==> flow/design.v <==
module gen_mul #(
    parameter W = 8,
    parameter K = 6
) (
    input  wire clk,
    input  wire [W-1:0] A_in,
    input  wire [K-1:0] B_in,
    output wire [W+K-1:0] m_out
);
    reg [W-1:0] A_ff;
    reg [K-1:0] B_ff;
    assign m_out = A_ff * B_ff;
    always @(posedge clk) begin
        A_ff <= A_in;
        B_ff <= B_in;
    end
endmodule
## Tool chain data of gen_mul

The steps from the RTL of gen_mul to its reports follow in flow order.
Line numbers count from 1 in the design file above.
The mark - stands for no value.

- Top module: gen_mul
- Clock port: clk
- Standard-cell library: sky130hd
- Timing corner: tt_025C_1v80

## Word-level counts

Source: Yosys, flattened and elaborated, memories not mapped. Widths are those after wreduce; folded enables and synchronous resets count as part of the registers. Registers that Yosys merges into a memory's read port (data or address) are not register bits. Print and check cells do not count. Equal cells are merged and count once.

- $add $sub $neg: 0
- Multipliers: 1
- Divide/modulo/power cells: 0
- Magnitude comparators: 0
- Eq/ne operators: 0
- Shifts and indexed selects: 0
- Mux-type cells: 0
- Bitwise gates (word level): 0
- Reduce/logical cells: 0

Operator list:

| operator | count |
|---|---|
| 8-bit by 6-bit multiplier with 14-bit output | 1 |

- Bits in registers: 14
- Bits in latches: 0
- Bits in writable memories: 0
- ROM bits: 0
- Word width x clocked read ports: 0
- Memories: 0
- Bits of input ports: 15
- Output and inout bits: 14
- Cells after elaboration: 3

## Longest topological paths

Yosys ltp: most cells in a row. Word level: on the elaborated netlist, between registers, memories and ports. Mapped: between sequential cells and ports; inverters and the memories' decode and read muxes count.

- Depth after elaboration: 1
- ABC_AREA: 0
- Mapped depth: 12
- Gate-level depth less buffers: 12

## After synthesis

Yosys stat after the flow's synthesis: flattened, memories mapped to cells. It holds for the ABC_AREA given above (unset counts as 0); a run with the other value may have another netlist.

- Standard cells after synthesis: 186
- Cell area after synthesis: 0.0017442 sq mm
- Sequential part of the area: 0.0002803 sq mm
- Flip-flop cells: 14
- Buffer cells: 0

Cells by type:

| cell | count | area in all (sq um) |
|---|---|---|
| sky130_fd_sc_hd__fa_1 | 25 | 500.48 |
| sky130_fd_sc_hd__dfxtp_1 | 14 | 280.269 |
| sky130_fd_sc_hd__ha_1 | 22 | 275.264 |
| sky130_fd_sc_hd__and2_1 | 25 | 156.4 |
| sky130_fd_sc_hd__inv_1 | 35 | 131.376 |
| sky130_fd_sc_hd__nand2_1 | 26 | 97.594 |
| sky130_fd_sc_hd__xnor2_1 | 5 | 43.792 |
| sky130_fd_sc_hd__xor2_1 | 4 | 35.034 |
| sky130_fd_sc_hd__a2111oi_4 | 1 | 27.526 |
| sky130_fd_sc_hd__a21oi_1 | 4 | 20.019 |
| sky130_fd_sc_hd__nor2_1 | 5 | 18.768 |
| sky130_fd_sc_hd__o2111ai_1 | 2 | 17.517 |
| sky130_fd_sc_hd__a311oi_2 | 1 | 15.014 |
| sky130_fd_sc_hd__a211oi_2 | 1 | 12.512 |
| sky130_fd_sc_hd__and3_1 | 2 | 12.512 |
| sky130_fd_sc_hd__and3_4 | 1 | 11.261 |
| sky130_fd_sc_hd__nand3_1 | 2 | 10.01 |
| sky130_fd_sc_hd__a21o_2 | 1 | 8.758 |

Not listed: further types 10, cells in them 10.

## Path before layout

Source: OpenSTA report_checks on the synthesized netlist (no wires, ideal clock, input and output delay 20% of the period each), path of least setup slack; recovery checks are left aside. Register names are those of the netlist, which keeps one name where synthesis merged equal registers.

- Path kind: reg-to-output
- From: reg B_ff[5]
- To: out m_out[11]
- Clock period: 5.32 ns
- External output delay: 1.064 ns
- Time at the first pin: 0.000 ns
- Arrival: 3.407 ns
- Data required time: 4.256 ns
- Slack: 0.849 ns
- Path delay: 3.407 ns
- Driving pins on the path: 12
- Path buffers: 0
- Synthesis period reached: 4.471 ns

"path delay" is the arrival time less input delay plus setup time.
At an output port there is no setup time.
"driving pins on the path" counts driving pins, that of a launching flip-flop among them; a cell with two outputs on the path counts twice.
"synthesis period reached" = period - worst setup slack (recovery checks aside). The figure is calculated, with input and output delays left at 20% of the set period.
Between the ends stands the longest chain of elaborated cells between them, by number of cells; it is not shown to be the way that was timed. Of several equally long chains one is given.
A line is the first line of the expression or statement that the cell stems from. Yosys adds cells for indexed reads and writes and turns some case tables into memories.

- Path through: sky130_fd_sc_hd__dfxtp_1 > sky130_fd_sc_hd__and2_1 > sky130_fd_sc_hd__fa_1 > sky130_fd_sc_hd__fa_1 > sky130_fd_sc_hd__inv_1 > sky130_fd_sc_hd__fa_1 > sky130_fd_sc_hd__inv_1 > sky130_fd_sc_hd__ha_1 > sky130_fd_sc_hd__and3_4 > sky130_fd_sc_hd__a2111oi_4 > sky130_fd_sc_hd__a21oi_2 > sky130_fd_sc_hd__xor2_1
- Length of the longest elaborated chain: 1
- Elaborated cells on any way between the ends: 1
- Source lines of those cells: 1
- Classes of those cells: 1 x mul

Ends and longest elaborated chain, after synthesis:

| what | RTL line | text |
|---|---|---|
| start: declaration | 11 | `reg [K-1:0] B_ff;` |
| start: assignment | 15 | `B_ff <= B_in;` |
| 8-bit by 6-bit multiplier with 14-bit output | 12 | `assign m_out = A_ff * B_ff;` |
| end: declaration | 8 | `output wire [W+K-1:0] m_out` |

## Timing after layout

From the final timing report of run 1: the path of least setup slack in the routed layout; clock arrival at registers is part of the times.

- Path kind: reg-to-output
- From: reg B_ff[3]
- To: out m_out[11]
- Clock period: 5.0 ns
- External output delay: 1.00 ns
- Time at the first pin: 0.27 ns
- Arrival: 3.90 ns
- Data required time: 4.00 ns
- Slack: 0.10 ns
- Driving pins on the path: 13
- Path buffers: 1

Between the ends stands the longest chain of elaborated cells between them, by number of cells; it is not shown to be the way that was timed. Of several equally long chains one is given.

- Path through: sky130_fd_sc_hd__dfxtp_2 > sky130_fd_sc_hd__and2_1 > sky130_fd_sc_hd__fa_1 > sky130_fd_sc_hd__fa_1 > sky130_fd_sc_hd__inv_1 > sky130_fd_sc_hd__fa_1 > sky130_fd_sc_hd__inv_1 > sky130_fd_sc_hd__ha_4 > sky130_fd_sc_hd__and2_2 > sky130_fd_sc_hd__a2111oi_4 > sky130_fd_sc_hd__a21oi_2 > sky130_fd_sc_hd__xor2_1 > sky130_fd_sc_hd__dlygate4sd2_1
- Length of the longest elaborated chain: 1
- Elaborated cells on any way between the ends: 1
- Source lines of those cells: 1
- Classes of those cells: 1 x mul

Ends and longest elaborated chain, post-layout:

| what | RTL line | text |
|---|---|---|
| start: declaration | 11 | `reg [K-1:0] B_ff;` |
| start: assignment | 15 | `B_ff <= B_in;` |
| 8-bit by 6-bit multiplier with 14-bit output | 12 | `assign m_out = A_ff * B_ff;` |
| end: declaration | 8 | `output wire [W+K-1:0] m_out` |

Appendix: measured runs

gen_mul through Yosys and OpenROAD on sky130hd: 3 stored runs, unordered, with their settings and measured results. The constraints put input and output delay at 20% of the set period each and load the outputs with 0.01 pF.
"clock period reached" means the clock period less the worst setup slack. The figure is calculated, with input and output delays left at 20% of the set period.
"worst path time" = time allowed to the worst setup path (clock period - input delay - output delay, where it has them) - its slack; a late launch clock adds to it, a late capture clock takes from it.
"power consumption" rests on the timing tool's default activity at the inputs, not on a simulated workload.
Among the settings, n/a means not set for that run.

| name | run 1 | run 2 | run 3 |
|---|---|---|---|
| period_ns | 5.0 | 5.32 | 4.24 |
| CORE_UTILIZATION | 62 | 40 | 27 |
| PLACE_DENSITY_LB_ADDON | 0.26 | n/a | 0.05 |
| CAP_MARGIN | 25 | 20 | 5 |
| SLEW_MARGIN | 15 | 20 | 35 |
| MIN_ROUTING_LAYER | met1 | n/a | met2 |
| CORE_MARGIN | 2 | 2 | 9 |
| CORE_ASPECT_RATIO | n/a | n/a | 1.26 |
| CELL_PAD_IN_SITES_GLOBAL_PLACEMENT | n/a | n/a | 0 |
| CTS_CLUSTER_SIZE | n/a | n/a | 76 |
| cell area after synthesis (sq mm) | 0.0017442 | 0.0017442 | 0.0017442 |
| full die area (sq mm) | 0.0032536 | 0.0049049 | 0.0096965 |
| std-cell area (final layout) (sq mm) | 0.0022034 | 0.0021783 | 0.0028064 |
| worst slack on setup checks (ns) | 0.096 | 0.216 | -0.255 |
| total negative setup slack (ns) | 0.000 | 0.000 | -0.878 |
| power consumption (µW) | 767.7 | 695.5 | 1221 |
| clock period reached (ns) | 4.904 | 5.104 | 4.495 |
| worst path time (ns) | 3.90 | 4.04 | 3.65 |
| worst setup path type | reg-to-output | reg-to-output | reg-to-output |
